==> flow/design.v <==
module multiplier #(
  parameter integer DW = 4
) (
  input sys_clk,
  input aresetn,
  input [DW-1:0] i_src1,
  input [DW-1:0] i_src2,
  input [2*DW-1:0] i_src3,
  output [2*DW:0] o_p
);
  reg [2*DW:0] p_reg;
  always @(posedge sys_clk) begin
    if (~aresetn) begin
      p_reg <= 0;
    end else begin
      p_reg <= i_src1 * i_src2 + i_src3;
    end
  end
  assign o_p = p_reg;
endmodule
**Tool chain data of multiplier**

The steps from the RTL of multiplier to its reports follow in flow order.
Line numbers count from 1 in the design file above.
Operators carry their Yosys type and port widths (W data, S select, Z words).
Library cell names are shortened.
Not given: n/a

- Top: multiplier
- Clock port: sys_clk
- Cell library: sky130hd
- Library corner: tt_025C_1v80

**Word-level counts**

Source: Yosys, flattened and elaborated, memories not mapped. Widths are those after wreduce; folded enables and synchronous resets count as part of the registers. Registers that Yosys merges into a memory's read port (data or address) are not register bits. Print and check cells do not count. Equal cells are merged and count once.

- Output and inout port bits: 9
- Bits in read-only memories: 0
- Word-level cells: 3
- RAM bits: 0
- Clocked read ports x word width: 0
- Bits in registers: 9
- Latch bits: 0
- Memory cells: 0
- Bits of input ports: 18

- Mux-type cells: 0
- Shift operators: 0
- Div/mod/pow operators: 0
- $mul: 1
- Bitwise operators: 0
- Eq/ne operators: 0
- Add/sub/neg operators: 1
- Magnitude comparators: 0
- Reductions and logical operators: 0

Operator list:

| operator | number |
|---|---|
| $mul A4 B4 Y8 | 1 |
| $add A8 B8 Y9 | 1 |

**Depth**

Yosys ltp: most cells in a row. Word level: on the elaborated netlist, between registers, memories and ports. Mapped: between sequential cells and ports; inverters and the memories' decode and read muxes count.

- Word-level depth: 2
- ABC_AREA: 1
- Mapped depth: 14
- Gate-level depth less buffers: 14

**After synthesis**

Yosys stat after the flow's synthesis: flattened, memories mapped to cells. It holds for the ABC_AREA given above (unset counts as 0); a run with the other value may have another netlist.
Totals and module areas in this step are rounded.

Cell types:

| cell type | number | total area (um2) |
|---|---|---|
| ha_1 | 17 | 212.704 |
| dfxtp_1 | 9 | 180.173 |
| fa_1 | 9 | 180.173 |
| inv_1 | 42 | 157.651 |
| nand2_1 | 36 | 135.13 |
| a21oi_1 | 7 | 35.034 |
| nor2_1 | 9 | 33.782 |
| nand3_1 | 4 | 20.019 |
| and2_4 | 1 | 8.758 |
| buf_4 | 1 | 7.507 |
| nand3b_1 | 1 | 7.507 |
| nand2_2 | 1 | 6.256 |
| or2_1 | 1 | 6.256 |
| o21ai_0 | 1 | 5.005 |

- Cell count: 139
- Buffer cells: 1
- Flip-flops: 9
- Sequential part of the area: 0.00018 mm2
- Cell area after synthesis: 0.000996 mm2

**Worst setup path after synthesis**

OpenSTA on the mapped netlist: ideal clock, no wires. The path of least setup slack (recovery checks aside). Input and output delay are each 20% of the period. Register names are those of the netlist, which keeps one name where synthesis merged equal registers.

- Path kind: input to register
- Start: input port i_src1[0]
- End: register p_reg[8]
- Launch time at the first pin: 0.844 ns
- Arrival: 3.205 ns
- Required time: 4.105 ns
- Stages: 12
- Path delay: 2.476 ns
- Period: 4.22 ns
- Path slack: 0.900 ns
- External input delay: 0.844 ns
- Path buffers: 0
- Library setup time: 0.115 ns
- Synthesis period reached: 3.32 ns

"path delay" is the arrival time less input delay plus setup time.
"stages" counts driving pins, that of a launching flip-flop among them; a cell with two outputs on the path counts twice.
"synthesis period reached" = period - worst setup slack (recovery checks aside). The figure is calculated, with input and output delays left at 20% of the set period.
The rows between start and end are the longest chain of elaborated cells between them; the timing report does not say that the signal goes this way. Where chains are equally long, one stands for them.
Each line given opens the expression or statement behind the cell; cells for indexed reads and writes are added by Yosys, which also makes memories of some case tables.

- Cells stage by stage: nand2_1 -> fa_1 -> fa_1 -> fa_1 -> inv_1 -> ha_1 -> a21oi_1 -> nand2_1 -> nand2_1 -> nand3_1 -> nand2_1 -> nor2_1
- Cells in the longest elaborated chain: 2
- Elaborated cells between the ends (all ways): 2
- RTL lines with such cells: 1
- Classes of those cells: add/sub: 1; mul: 1

RTL lines, path post-synthesis:

| element | line | text |
|---|---|---|
| from (decl) | 6 | `input [DW-1:0] i_src1,` |
| $mul A4 B4 Y8 | 16 | `p_reg <= i_src1 * i_src2 + i_src3;` |
| $add A8 B8 Y9 | 16 |  |
| to (assign) | 14 | `p_reg <= 0;` |
| to (assign) | 16 |  |
| to (decl) | 11 | `reg [2*DW:0] p_reg;` |

**Worst path after layout**

Path of least setup slack in the final report of record 1 (OpenROAD, finished layout, wires in). Where an end is a register, its clock arrival counts in the times.

- Path kind: input to register
- Start: input port i_src1[2]
- End: register p_reg[7]
- Library setup time: 0.06 ns
- External input delay: 0.55 ns
- Arrival: 3.08 ns
- Path slack: -0.10 ns
- Period: 2.77 ns
- Path buffers: 1
- Stages: 13
- Launch time at the first pin: 0.55 ns
- Required time: 2.98 ns

The rows between start and end are the longest chain of elaborated cells between them; the timing report does not say that the signal goes this way. Where chains are equally long, one stands for them.

- Cells stage by stage: buf_12 -> nand2_8 -> fa_1 -> fa_1 -> fa_1 -> inv_2 -> ha_4 -> nand2_4 -> nand2_4 -> nand3b_1 -> nand3_1 -> nand2_1 -> nor2_1
- Cells in the longest elaborated chain: 2
- Elaborated cells between the ends (all ways): 2
- RTL lines with such cells: 1
- Classes of those cells: add/sub: 1; mul: 1

RTL lines, path post-layout:

| element | line | text |
|---|---|---|
| from (decl) | 6 | `input [DW-1:0] i_src1,` |
| $mul A4 B4 Y8 | 16 | `p_reg <= i_src1 * i_src2 + i_src3;` |
| $add A8 B8 Y9 | 16 |  |
| to (assign) | 14 | `p_reg <= 0;` |
| to (assign) | 16 |  |
| to (decl) | 11 | `reg [2*DW:0] p_reg;` |

Subject: flow runs of multiplier

Hi,

Flow measurements of multiplier on sky130hd: 3 stored runs with different settings, listed in no order. Input and output delays are each 20% of the period that was set; the output load is 0.01 pF.
"critical path time" = time allowed to the worst setup path (clock period - input delay - output delay, where it has them) - its slack; a late launch clock adds to it, a late capture clock takes from it.
By "power consumption" is meant OpenSTA's value without simulated activity: inputs other than the clock are taken to toggle once in ten clock periods, and the tool carries that through the logic.
The measured numbers are rounded.
Among the settings, -- means not set for that run.

| item | record 1 | record 2 | record 3 |
|---|---|---|---|
| period_ns | 2.77 | 4.22 | 2.23 |
| CORE_UTILIZATION | 33 | 40 | 48 |
| SETUP_SLACK_MARGIN | 0.83 | -- | -0.21 |
| HOLD_SLACK_MARGIN | -0.08 | -- | -- |
| CELL_PAD_IN_SITES_DETAIL_PLACEMENT | 1 | -- | 0 |
| TNS_END_PERCENT | 55 | -- | 25 |
| ABC_AREA | 1 | -- | 0 |
| GPL_TIMING_DRIVEN | 0 | -- | -- |
| GPL_ROUTABILITY_DRIVEN | 0 | -- | -- |
| CTS_CLUSTER_SIZE | 26 | -- | -- |
| CAP_MARGIN | 25 | 20 | 0 |
| SLEW_MARGIN | 25 | 20 | 10 |
| MAX_ROUTING_LAYER | met4 | -- | -- |
| CORE_MARGIN | 2 | 2 | 2 |
| PLACE_DENSITY_LB_ADDON | -- | -- | 0.23 |
| power consumption (W) | 0.000762 | 0.000418 | 0.00098 |
| post-synthesis cell area (mm2) | 0.000996 | 0.00098 | 0.00098 |
| worst setup slack after layout (ns) | -0.100 | 0.255 | -0.695 |
| lowest hold slack (ns) | 0.548 | 1.33 | 0.661 |
| standard-cell area after layout (mm2) | 0.00157 | 0.00133 | 0.00154 |
| critical path time (ns) | 2.32 | 3.12 | 2.48 |
| worst path kind | input to register | input to register | input to register |
| total die area (mm2) | 0.00347 | 0.00286 | 0.00242 |
| setup total negative slack (ns) | -0.422 | 0.000 | -3.21 |
| utilization after layout (%) | 56.1 | 58.9 | 79.1 |

Regards
